==> flow/design.v <==
module core_data_mux_top #(
    parameter DATA_WIDTH = 20
) (
    input  wire sys_clk,
    input  wire RSTN,
    input  wire [DATA_WIDTH-1:0] i_data_0,
    input  wire [DATA_WIDTH-1:0] i_data_1,
    input  wire [DATA_WIDTH-1:0] i_data_2,
    input  wire [1:0] i_select,
    output wire [DATA_WIDTH-1:0] o_out
);
    reg [DATA_WIDTH-1:0] tmp;
    always @* begin
        if (i_select == 0) tmp = i_data_0;
        else if (i_select == 1) tmp = i_data_1;
        else tmp = i_data_2;
    end
    reg [DATA_WIDTH-1:0] out_reg;
    always @(posedge sys_clk) begin
        if (!RSTN) begin
            out_reg <= 0;
        end else begin
            out_reg <= tmp;
        end
    end
    assign o_out = out_reg;
endmodule
# Reports on core_data_mux_top
# Tool output for the members of one design family, told apart by "inputs", in the order of the flow.
# The RTL above is that of inputs=3; lines are counted from 1 in the file of the member named.
# Cell names lack the library's common part.
# A cell with - has no value.
dict set report inputs {
  design {core_data_mux_top}
  clock_port {sys_clk}
  lib {sky130hd}
  pvt_corner {tt_025C_1v80}
}

# Members of the sweep
# New or changed lines of each further member against the RTL above, in its own file; lines it lacks are not shown.
# inputs line_no
set changed_lines {}
lappend changed_lines {4 9} ;# input wire [DATA_WIDTH-1:0] i_data_3,
lappend changed_lines {4 17} ;# else if (i_select == 2) tmp = i_data_2;
lappend changed_lines {4 18} ;# else tmp = i_data_3;
lappend changed_lines {5 9} ;# input wire [DATA_WIDTH-1:0] i_data_3,
lappend changed_lines {5 10} ;# input wire [DATA_WIDTH-1:0] i_data_4,
lappend changed_lines {5 11} ;# input wire [2:0] i_select,
lappend changed_lines {5 18} ;# else if (i_select == 2) tmp = i_data_2;
lappend changed_lines {5 19} ;# else if (i_select == 3) tmp = i_data_3;
lappend changed_lines {5 20} ;# else tmp = i_data_4;
lappend changed_lines {6 9} ;# input wire [DATA_WIDTH-1:0] i_data_3,
lappend changed_lines {6 10} ;# input wire [DATA_WIDTH-1:0] i_data_4,
lappend changed_lines {6 11} ;# input wire [DATA_WIDTH-1:0] i_data_5,
lappend changed_lines {6 12} ;# input wire [2:0] i_select,
lappend changed_lines {6 19} ;# else if (i_select == 2) tmp = i_data_2;
lappend changed_lines {6 20} ;# else if (i_select == 3) tmp = i_data_3;
lappend changed_lines {6 21} ;# else if (i_select == 4) tmp = i_data_4;
lappend changed_lines {6 22} ;# else tmp = i_data_5;
lappend changed_lines {7 9} ;# input wire [DATA_WIDTH-1:0] i_data_3,
lappend changed_lines {7 10} ;# input wire [DATA_WIDTH-1:0] i_data_4,
lappend changed_lines {7 11} ;# input wire [DATA_WIDTH-1:0] i_data_5,
lappend changed_lines {7 12} ;# input wire [DATA_WIDTH-1:0] i_data_6,
lappend changed_lines {7 13} ;# input wire [2:0] i_select,
lappend changed_lines {7 20} ;# else if (i_select == 2) tmp = i_data_2;
lappend changed_lines {7 21} ;# else if (i_select == 3) tmp = i_data_3;
lappend changed_lines {7 22} ;# else if (i_select == 4) tmp = i_data_4;
lappend changed_lines {7 23} ;# else if (i_select == 5) tmp = i_data_5;
lappend changed_lines {7 24} ;# else tmp = i_data_6;
lappend changed_lines {8 9} ;# input wire [DATA_WIDTH-1:0] i_data_3,
lappend changed_lines {8 10} ;# input wire [DATA_WIDTH-1:0] i_data_4,
lappend changed_lines {8 11} ;# input wire [DATA_WIDTH-1:0] i_data_5,
lappend changed_lines {8 12} ;# input wire [DATA_WIDTH-1:0] i_data_6,
lappend changed_lines {8 13} ;# input wire [DATA_WIDTH-1:0] i_data_7,
lappend changed_lines {8 14} ;# input wire [2:0] i_select,
lappend changed_lines {8 21} ;# else if (i_select == 2) tmp = i_data_2;
lappend changed_lines {8 22} ;# else if (i_select == 3) tmp = i_data_3;
lappend changed_lines {8 23} ;# else if (i_select == 4) tmp = i_data_4;
lappend changed_lines {8 24} ;# else if (i_select == 5) tmp = i_data_5;
lappend changed_lines {8 25} ;# else if (i_select == 6) tmp = i_data_6;
lappend changed_lines {8 26} ;# else tmp = i_data_7;
lappend changed_lines {10 9} ;# input wire [DATA_WIDTH-1:0] i_data_3,
lappend changed_lines {10 10} ;# input wire [DATA_WIDTH-1:0] i_data_4,
lappend changed_lines {10 11} ;# input wire [DATA_WIDTH-1:0] i_data_5,
lappend changed_lines {10 12} ;# input wire [DATA_WIDTH-1:0] i_data_6,
lappend changed_lines {10 13} ;# input wire [DATA_WIDTH-1:0] i_data_7,
lappend changed_lines {10 14} ;# input wire [DATA_WIDTH-1:0] i_data_8,
lappend changed_lines {10 15} ;# input wire [DATA_WIDTH-1:0] i_data_9,
lappend changed_lines {10 16} ;# input wire [3:0] i_select,
lappend changed_lines {10 23} ;# else if (i_select == 2) tmp = i_data_2;
lappend changed_lines {10 24} ;# else if (i_select == 3) tmp = i_data_3;
lappend changed_lines {10 25} ;# else if (i_select == 4) tmp = i_data_4;
lappend changed_lines {10 26} ;# else if (i_select == 5) tmp = i_data_5;
lappend changed_lines {10 27} ;# else if (i_select == 6) tmp = i_data_6;
lappend changed_lines {10 28} ;# else if (i_select == 7) tmp = i_data_7;
lappend changed_lines {10 29} ;# else if (i_select == 8) tmp = i_data_8;
lappend changed_lines {10 30} ;# else tmp = i_data_9;

# Word-level counts
# Source: Yosys, flattened and elaborated, memories not mapped. Widths are those after wreduce; folded enables and synchronous resets count as part of the registers. Registers that Yosys merges into a memory's read port (data or address) are not register bits. Print and check cells do not count. Equal cells are merged and count once.
# inputs eq_ne mux reduce_and_logical
set op_classes {}
lappend op_classes {3 1 2 1}
lappend op_classes {4 2 3 1}
lappend op_classes {5 3 4 1}
lappend op_classes {6 4 5 1}
lappend op_classes {7 5 6 1}
lappend op_classes {8 6 7 1}
lappend op_classes {10 8 9 1}
# inputs operators
set ops {}
lappend ops {3 {2 x 20-bit 2-to-1 mux; 1 x 2-bit by 1-bit equality test with 1-bit output (second input constant); 1 x 2-bit logical NOT}}
lappend ops {4 {3 x 20-bit 2-to-1 mux; 1 x 2-bit by 1-bit equality test with 1-bit output (second input constant); 1 x 2-bit equality test (second input constant); 1 x 2-bit logical NOT}}
lappend ops {5 {4 x 20-bit 2-to-1 mux; 2 x 3-bit by 2-bit equality test with 1-bit output (second input constant); 1 x 3-bit by 1-bit equality test with 1-bit output (second input constant); 1 x 3-bit logical NOT}}
lappend ops {6 {5 x 20-bit 2-to-1 mux; 2 x 3-bit by 2-bit equality test with 1-bit output (second input constant); 1 x 3-bit by 1-bit equality test with 1-bit output (second input constant); 1 x 3-bit equality test (second input constant); 1 x 3-bit logical NOT}}
lappend ops {7 {6 x 20-bit 2-to-1 mux; 2 x 3-bit by 2-bit equality test with 1-bit output (second input constant); 2 x 3-bit equality test (second input constant); 1 x 3-bit by 1-bit equality test with 1-bit output (second input constant); 1 x 3-bit logical NOT}}
lappend ops {8 {7 x 20-bit 2-to-1 mux; 3 x 3-bit equality test (second input constant); 2 x 3-bit by 2-bit equality test with 1-bit output (second input constant); 1 x 3-bit by 1-bit equality test with 1-bit output (second input constant); 1 x 3-bit logical NOT}}
lappend ops {10 {9 x 20-bit 2-to-1 mux; 4 x 4-bit by 3-bit equality test with 1-bit output (second input constant); 2 x 4-bit by 2-bit equality test with 1-bit output (second input constant); 1 x 4-bit by 1-bit equality test with 1-bit output (second input constant); 1 x 4-bit equality test (second input constant); 1 x 4-bit logical NOT}}
# inputs ff_bits input_bits output_inout_bits
set bits {}
lappend bits {3 20 64 20}
lappend bits {4 20 84 20}
lappend bits {5 20 105 20}
lappend bits {6 20 125 20}
lappend bits {7 20 145 20}
lappend bits {8 20 165 20}
lappend bits {10 20 206 20}

# Logic depth
# Yosys ltp: most cells in a row. Word level: on the elaborated netlist, between registers, memories and ports. Mapped: between sequential cells and ports; inverters and the memories' decode and read muxes count.
# inputs word_depth abc_area depth_mapped ltp_nobuf
set logic_depth {}
lappend logic_depth {3 3 0 3 2}
lappend logic_depth {4 4 0 4 2}
lappend logic_depth {5 5 0 6 3}
lappend logic_depth {6 6 0 6 4}
lappend logic_depth {7 7 0 6 4}
lappend logic_depth {8 8 0 8 4}
lappend logic_depth {10 10 0 8 5}

# Netlist
# The flow's flattened synthesis, as Yosys stat reports it; memories are mapped. The netlist is that of the ABC_AREA named above (0 if unset); the other value can give another one.
# inputs mapped_cells yosys_area_um2 ffs buffers
set mapped {}
lappend mapped {3 88 1083.5 20 8}
lappend mapped {4 91 1023.5 20 9}
lappend mapped {5 155 1323.8 20 16}
lappend mapped {6 218 1804.2 20 30}
lappend mapped {7 211 1946.9 20 27}
lappend mapped {8 290 2163.3 20 30}
lappend mapped {10 374 2567.5 20 36}
# inputs cell_types
set by_type {}
lappend by_type {3 {20 x dfxtp_1; 20 x mux2_4; 20 x o211a_1; 13 x nand2b_1; 7 x or2b_1; 2 x buf_6; 3 x buf_2; 3 x clkbuf_1}}
lappend by_type {4 {20 x dfxtp_1; 40 x mux2i_1; 20 x o22ai_1; 2 x buf_8; 2 x buf_6; 1 x buf_12; 4 x clkbuf_1; 1 x nand2b_1; 1 x nand2_1}}
lappend by_type {5 {20 x dfxtp_1; 20 x mux2i_1; 38 x nand2_1; 9 x a32o_2; 10 x a32o_1; 19 x a21oi_1; 19 x o21ai_0; 2 x buf_12; 3 x buf_6; 1 x nor4b_4; 3 x buf_4; 1 x mux4_2; 5 x clkbuf_1; 3 x buf_2; 2 x nor2b_1}}
lappend by_type {6 {20 x dfxtp_1; 20 x a211oi_2; 40 x o22ai_1; 20 x o32a_1; 20 x o32ai_1; 20 x a21boi_0; 20 x o21ai_0; 20 x nor2_1; 18 x clkbuf_1; 3 x buf_6; 4 x buf_4; 5 x buf_2; 2 x nand2b_1; 1 x or2_4; 2 x nand2_1; 1 x or2b_1; 1 x or3_1; 1 x clkinv_1}}
lappend by_type {7 {20 x dfxtp_1; 40 x mux2i_1; 20 x a221oi_2; 20 x o221a_1; 20 x a211oi_1; 20 x a21oi_1; 7 x buf_6; 20 x nand2_1; 20 x nor2_1; 9 x buf_2; 7 x clkbuf_1; 3 x buf_4; 1 x buf_12; 1 x or3_4; 1 x nand2b_1; 1 x nor2b_1; 1 x inv_2}}
lappend by_type {8 {20 x dfxtp_1; 28 x mux2i_1; 48 x nand2_1; 18 x a211oi_1; 22 x o21ai_0; 11 x o2bb2ai_1; 11 x o32ai_1; 12 x nand3b_1; 21 x nor2_1; 14 x buf_2; 3 x mux4_2; 13 x nand3_1; 5 x mux2_2; 5 x o221a_2; 12 x inv_1; 5 x a22oi_1; 9 x clkbuf_1; 5 x o22ai_1; (+28)}}
lappend by_type {10 {20 x dfxtp_1; 44 x a21oi_1; 41 x o21ai_0; 16 x mux2i_1; 25 x o22ai_1; 39 x nand2_1; 16 x o221ai_1; 13 x a22oi_1; 19 x nor2_1; 8 x a221oi_1; 8 x a22o_1; 14 x nand3_1; 13 x buf_2; 8 x a21o_1; 5 x o221a_1; 14 x clkbuf_1; 8 x nand2b_1; 6 x buf_4; (+57)}}
# A list marked (+n) leaves out that many cells.

# Path before layout
# Source: OpenSTA report_checks on the synthesized netlist (no wires, ideal clock, input and output delay 20% of the period each), path of least setup slack; recovery checks are left aside. Register names are those of the netlist, which keeps one name where synthesis merged equal registers.
# inputs path_kind startpoint endpoint period_ps setup_slack_ps path_stages path_delay_ps synth_period_reached_ps
set synth_timing {}
lappend synth_timing {3 in2reg {in i_select[0]} {reg out_reg[0]} 1160 183 3 745 977}
lappend synth_timing {4 in2reg {in i_select[0]} {reg out_reg[10]} 1020 164 4 652 856}
lappend synth_timing {5 in2reg {in i_select[0]} {reg out_reg[1]} 1490 238 6 955 1252}
lappend synth_timing {6 in2reg {in i_select[1]} {reg out_reg[0]} 1660 264 6 1064 1396}
lappend synth_timing {7 in2reg {in i_select[1]} {reg out_reg[0]} 1530 248 4 976 1282}
lappend synth_timing {8 in2reg {in i_select[0]} {reg out_reg[2]} 1630 261 5 1043 1369}
lappend synth_timing {10 in2reg {in i_select[1]} {reg out_reg[8]} 2220 357 7 1419 1863}
# "path_delay_ps" = arrival - input delay + setup time.
# "path_stages" counts driving pins, that of a launching flip-flop among them; a cell with two outputs on the path counts twice.
# "synth_period_reached_ps" = period - worst setup slack (recovery checks aside). The figure is calculated, with input and output delays left at 20% of the set period.
# Between the ends stands the longest chain of elaborated cells between them, by number of cells; it is not shown to be the way that was timed. Of several equally long chains one is given.
# Each line given opens the expression or statement behind the cell; cells for indexed reads and writes are added by Yosys, which also makes memories of some case tables.
dict set report synth_between_inputs_3 {
  elab_chain_len 3
}
# element line_no
set synth_lines_inputs_3 {}
lappend synth_lines_inputs_3 {{start: declaration} 9} ;# input  wire [1:0] i_select,
lappend synth_lines_inputs_3 {{2-bit by 1-bit equality test with 1-bit output} 15} ;# else if (i_select == 1) tmp = i_data_1;
lappend synth_lines_inputs_3 {{20-bit 2-to-1 mux} 15}
lappend synth_lines_inputs_3 {{20-bit 2-to-1 mux} 14} ;# if (i_select == 0) tmp = i_data_0;
lappend synth_lines_inputs_3 {{end: assignment} 21} ;# out_reg <= 0;
lappend synth_lines_inputs_3 {{end: assignment} 23} ;# out_reg <= tmp;
lappend synth_lines_inputs_3 {{end: declaration} 18} ;# reg [DATA_WIDTH-1:0] out_reg;
dict set report synth_between_inputs_10 {
  elab_chain_len 10
}
# element line_no
set synth_lines_inputs_10 {}
lappend synth_lines_inputs_10 {{start: declaration} 16} ;# input  wire [3:0] i_select,
lappend synth_lines_inputs_10 {{4-bit equality test} 29} ;# else if (i_select == 8) tmp = i_data_8;
lappend synth_lines_inputs_10 {{20-bit 2-to-1 mux} 29}
lappend synth_lines_inputs_10 {{20-bit 2-to-1 mux} 28} ;# else if (i_select == 7) tmp = i_data_7;
lappend synth_lines_inputs_10 {{20-bit 2-to-1 mux} 27} ;# else if (i_select == 6) tmp = i_data_6;
lappend synth_lines_inputs_10 {{20-bit 2-to-1 mux} 26} ;# else if (i_select == 5) tmp = i_data_5;
lappend synth_lines_inputs_10 {{20-bit 2-to-1 mux} 25} ;# else if (i_select == 4) tmp = i_data_4;
lappend synth_lines_inputs_10 {{20-bit 2-to-1 mux} 24} ;# else if (i_select == 3) tmp = i_data_3;
lappend synth_lines_inputs_10 {{20-bit 2-to-1 mux} 23} ;# else if (i_select == 2) tmp = i_data_2;
lappend synth_lines_inputs_10 {{20-bit 2-to-1 mux} 22} ;# else if (i_select == 1) tmp = i_data_1;
lappend synth_lines_inputs_10 {{20-bit 2-to-1 mux} 21} ;# if (i_select == 0) tmp = i_data_0;
lappend synth_lines_inputs_10 {{end: assignment} 35} ;# out_reg <= 0;
lappend synth_lines_inputs_10 {{end: assignment} 37} ;# out_reg <= tmp;
lappend synth_lines_inputs_10 {{end: declaration} 32} ;# reg [DATA_WIDTH-1:0] out_reg;

# Path in the finished layout
# Path of least setup slack in the final report of each member's run (OpenROAD, finished layout, wires in). Where an end is a register, its clock arrival counts in the times.
# The report prints the path's times to 10 ps; the period is as set.
# inputs path_kind startpoint endpoint period_ps setup_slack_ps path_stages t_arrival_ps path_buffers
set layout_timing {}
lappend layout_timing {3 in2reg {in i_select[0]} {reg out_reg[19]} 1160 40 4 1320 2}
lappend layout_timing {4 reg2out {reg out_reg[2]} {out o_out[2]} 1020 50 2 770 1}
lappend layout_timing {5 reg2out {reg out_reg[10]} {out o_out[10]} 1490 30 2 1160 1}
lappend layout_timing {6 in2reg {in i_select[2]} {reg out_reg[1]} 1660 170 6 1630 2}
lappend layout_timing {7 reg2out {reg out_reg[0]} {out o_out[0]} 1530 70 2 1160 1}
lappend layout_timing {8 in2reg {in i_select[1]} {reg out_reg[14]} 1630 90 6 1680 2}
lappend layout_timing {10 in2reg {in i_select[2]} {reg out_reg[11]} 2220 80 8 2350 3}

# Measured runs
# One run of the flow (Yosys, OpenROAD) for each member, with settings and measured results. Input and output delays are each 20% of the period that was set; the output load is 0.01 pF.
dict set report flow_settings {
  CAP_MARGIN 20
  CORE_MARGIN 2
  CORE_UTILIZATION 40
  SLEW_MARGIN 20
}
# inputs period_ns
set settings_by_member {}
lappend settings_by_member {3 1.16}
lappend settings_by_member {4 1.02}
lappend settings_by_member {5 1.49}
lappend settings_by_member {6 1.66}
lappend settings_by_member {7 1.53}
lappend settings_by_member {8 1.63}
lappend settings_by_member {10 2.22}
# inputs post_synth_area_um2 design.die.area_um2 cell_area_final_um2 util_pct worst_setup_slack_ps tns_setup_ps timing.hold.ws_ps power_uw period_less_ws_ps
set measured {}
lappend measured {3 1083.5 3141.0 2059.5 81.6 39 0 598 1746 1121}
lappend measured {4 1023.5 2979.5 2015.7 82.1 50 0 463 1998 970}
lappend measured {5 1323.8 3785.3 2681.3 86.4 32 0 557 1662 1458}
lappend measured {6 1804.2 5063.8 3413.3 78.4 171 0 771 1784 1489}
lappend measured {7 1946.9 5441.3 3713.6 78.6 67 0 698 1899 1463}
lappend measured {8 2163.3 6012.4 4232.8 81.8 91 0 630 1874 1539}
lappend measured {10 2567.5 7075.3 5079.9 80.9 79 0 756 1628 2141}
# By "period_less_ws_ps" is meant the clock period of the run minus its worst setup slack. This is arithmetic on one report: input and output delays are still those of the set period (20% each).
# "power_uw" is the tool's figure for a default switching activity; nothing was simulated.
